==> flow/design.v <==
module sync_compare #(
   parameter DWIDTH = 48
) (
   input wire i_clk,
   input wire valid,
   input wire [DWIDTH-1:0] dataa,
   input wire [DWIDTH-1:0] datab,
   input wire [DWIDTH-1:0] datac,
   output wire in_range
);
   reg r_in_range;
   always @(posedge i_clk) begin
      if (valid) begin
         r_in_range <= (dataa >= datab) && (dataa <= datac);
      end
   end
   assign in_range = r_in_range;
endmodule
# Step by step through the tools: sync_compare
# What the tools print for sync_compare, step after step.
# Lines are those of the file above, counted from 1.
inputs:
  design: "sync_compare"
  clk_port: "i_clk"
  cell_library: "sky130hd"
  pvt_corner: "tt_025C_1v80"

# After elaboration
# Source: Yosys, flattened and elaborated, memories not mapped. Widths are those after wreduce; folded enables and synchronous resets count as part of the registers. Registers that Yosys merges into a memory's read port (data or address) are not register bits. Print and check cells do not count. Equal cells are merged and count once.
bits:
  ff_bits: 1
  inputBits: 146
  elab_cells: 4
classes:
  cmp: 2
  reduce_logical: 1
op_table:
  columns: ["cell", "count"]
  rows:
  - [">= comparator 48 bit", 1]
  - ["less-or-equal comparator 48 bit", 1]
  - ["logical AND 1 bit", 1]

# Longest topological paths
# Longest topological path by Yosys (ltp), each cell counted once; first at word level (registers and memories cut), then after technology mapping (sequential cells cut; the memories' decode and read muxes count).
depth:
  ltp_word: 2
  ABC_AREA: 0
  depth_mapped: 8
  mapped_depth_nobuf: 8

# After synthesis
# Yosys stat after the flow's synthesis: flattened, memories mapped to cells. It holds for the ABC_AREA given above (unset counts as 0); a run with the other value may have another netlist.
types:
  columns: ["cell_type", "count", "area_total_um2"]
  rows:
  - ["sky130_fd_sc_hd__ha_1", 96, 1.2E+03]
  - ["sky130_fd_sc_hd__inv_1", 97, 364.099]
  - ["sky130_fd_sc_hd__a21oi_1", 39, 195.187]
  - ["sky130_fd_sc_hd__nand2_1", 25, 93.84]
  - ["sky130_fd_sc_hd__nand4_1", 12, 75.072]
  - ["sky130_fd_sc_hd__nand4_2", 5, 62.56]
  - ["sky130_fd_sc_hd__a21o_1", 7, 52.55]
  - ["sky130_fd_sc_hd__nand3_1", 10, 50.048]
  - ["sky130_fd_sc_hd__o21ai_0", 9, 45.043]
  - ["sky130_fd_sc_hd__a221oi_1", 5, 43.792]
  - ["sky130_fd_sc_hd__edfxtp_1", 1, 30.029]
  - ["sky130_fd_sc_hd__and4_1", 3, 26.275]
  - ["sky130_fd_sc_hd__nor4_2", 2, 25.024]
  - ["sky130_fd_sc_hd__nor4_4", 1, 21.27]
  - ["sky130_fd_sc_hd__and3_1", 3, 18.768]
  - ["sky130_fd_sc_hd__nor3_4", 1, 16.266]
  - ["sky130_fd_sc_hd__a211oi_1", 2, 15.014]
  - ["sky130_fd_sc_hd__nor2_1", 4, 15.014]
# Other cell types: 16; their cells: 22.
synth_totals:
  cell_count: 344
  mapped_area_um2: 2502.4
  ff_cells: 1
  buf_cells: 0

# Path before layout
# OpenSTA on the mapped netlist: ideal clock, no wires. The path of least setup slack (recovery checks aside). Input and output delay are each 20% of the period. Register names are those of the netlist, which keeps one name where synthesis merged equal registers.
synth_path:
  kind: "input port to flip-flop"
  startpoint: "in datab[15]"
  endpoint: "reg r_in_range"
  clock_period_ns: 2.36
  in_delay_ns: 0.472
  t_arrival_ns: 1.721
  path_slack_ns: 0.379
  path_delay_ns: 1.509
  driving_pins: 8
  period_less_setup_slack_ns: 1.981
# "path_delay_ns" = arrival - input delay + setup time.
# "driving_pins": output pins that drive a net of the path, with the launching flip-flop's if there is one; two outputs of one cell count as two.
# "period_less_setup_slack_ns" is the clock period less the worst setup slack; recovery checks do not enter. This is arithmetic on one report: input and output delays are still those of the set period (20% each).
# Between the ends stands the longest chain of elaborated cells between them, by number of cells; it is not shown to be the way that was timed. Of several equally long chains one is given.
# Each line given opens the expression or statement behind the cell; cells for indexed reads and writes are added by Yosys, which also makes memories of some case tables.
synth_between:
  cell_sequence: "sky130_fd_sc_hd__inv_1 sky130_fd_sc_hd__ha_1 sky130_fd_sc_hd__and3_1 sky130_fd_sc_hd__a221oi_1 sky130_fd_sc_hd__o2111ai_1 sky130_fd_sc_hd__a31o_1 sky130_fd_sc_hd__a21oi_1 sky130_fd_sc_hd__nor4_2"
  elab_chain_cells: 2
synth_rtl:
  columns: ["element", "line", "source"]
  rows:
  - ["start: declaration", 7, "input wire [DWIDTH-1:0] datab,"]
  - [">= comparator 48 bit", 14, "r_in_range <= (dataa >= datab) && (dataa <= datac);"]
  - ["logical AND 1 bit", 14, null]
  - ["end: assignment", 14, null]
  - ["end: declaration", 11, "reg r_in_range;"]

# Path in the finished layout
# Path of least setup slack in the final report of stored run 1 (OpenROAD, finished layout, wires in). Where an end is a register, its clock arrival counts in the times.
layout_path:
  kind: "input port to flip-flop"
  startpoint: "in dataa[14]"
  endpoint: "reg r_in_range"
  clock_period_ns: 2.35
  in_delay_ns: 0.47
  t_arrival_ns: 2.05
  path_slack_ns: 0.04
  driving_pins: 8
# Between the ends stands the longest chain of elaborated cells between them, by number of cells; it is not shown to be the way that was timed. Of several equally long chains one is given.
layout_between:
  cell_sequence: "sky130_fd_sc_hd__dlygate4sd2_1 sky130_fd_sc_hd__ha_4 sky130_fd_sc_hd__and3_4 sky130_fd_sc_hd__a221oi_2 sky130_fd_sc_hd__o2111ai_1 sky130_fd_sc_hd__a31o_1 sky130_fd_sc_hd__a21oi_2 sky130_fd_sc_hd__nor4_2"
  elab_chain_cells: 2
layout_rtl:
  columns: ["element", "line", "source"]
  rows:
  - ["start: declaration", 6, "input wire [DWIDTH-1:0] dataa,"]
  - [">= comparator 48 bit", 14, "r_in_range <= (dataa >= datab) && (dataa <= datac);"]
  - ["logical AND 1 bit", 14, null]
  - ["end: assignment", 14, null]
  - ["end: declaration", 11, "reg r_in_range;"]

# Flow measurements of sync_compare on sky130hd: 3 stored runs with different settings, listed in no order. Input and output delays are each 20% of the period that was set; the output load is 0.01 pF.
runs:
  - name: "stored run 1"
    settings:
      period_ns: 2.35
      CORE_UTILIZATION: 26
      PLACE_DENSITY_LB_ADDON: 0.26
      HOLD_SLACK_MARGIN: 0.22
      TNS_END_PERCENT: 70
      SLEW_MARGIN: 20
      MIN_ROUTING_LAYER: "met1"
      MAX_ROUTING_LAYER: "met5"
      CAP_MARGIN: 20
      CORE_MARGIN: 2
    results:
      dieArea_um2: 10425.4
      ws_setup_ns: 0.044
      final_stdcell_area_um2: 5385.2
      utilization_frac: 0.58
      tns_setup_ns: 0.000
      worst_hold_slack_ns: 1.053
      yosys.chip_area_um2: 2502.4
  - name: "stored run 2"
    settings:
      period_ns: 1.17
      CORE_UTILIZATION: 16
      PLACE_DENSITY_LB_ADDON: 0.04
      CORE_MARGIN: 7
      CELL_PAD_IN_SITES_DETAIL_PLACEMENT: 1
      TNS_END_PERCENT: 20
      ABC_AREA: 0
      GPL_TIMING_DRIVEN: 0
      GPL_ROUTABILITY_DRIVEN: 1
      CAP_MARGIN: 20
      SLEW_MARGIN: 20
    results:
      dieArea_um2: 19337.7
      ws_setup_ns: -0.816
      final_stdcell_area_um2: 5509.0
      utilization_frac: 0.361
      tns_setup_ns: -0.816
      worst_hold_slack_ns: 0.817
      yosys.chip_area_um2: 2502.4
  - name: "stored run 3"
    settings:
      period_ns: 2.36
      CAP_MARGIN: 20
      CORE_MARGIN: 2
      CORE_UTILIZATION: 40
      SLEW_MARGIN: 20
    results:
      dieArea_um2: 6904.8
      ws_setup_ns: -0.213
      final_stdcell_area_um2: 4506.8
      utilization_frac: 0.752
      tns_setup_ns: -0.213
      worst_hold_slack_ns: 1.056
      yosys.chip_area_um2: 2502.4
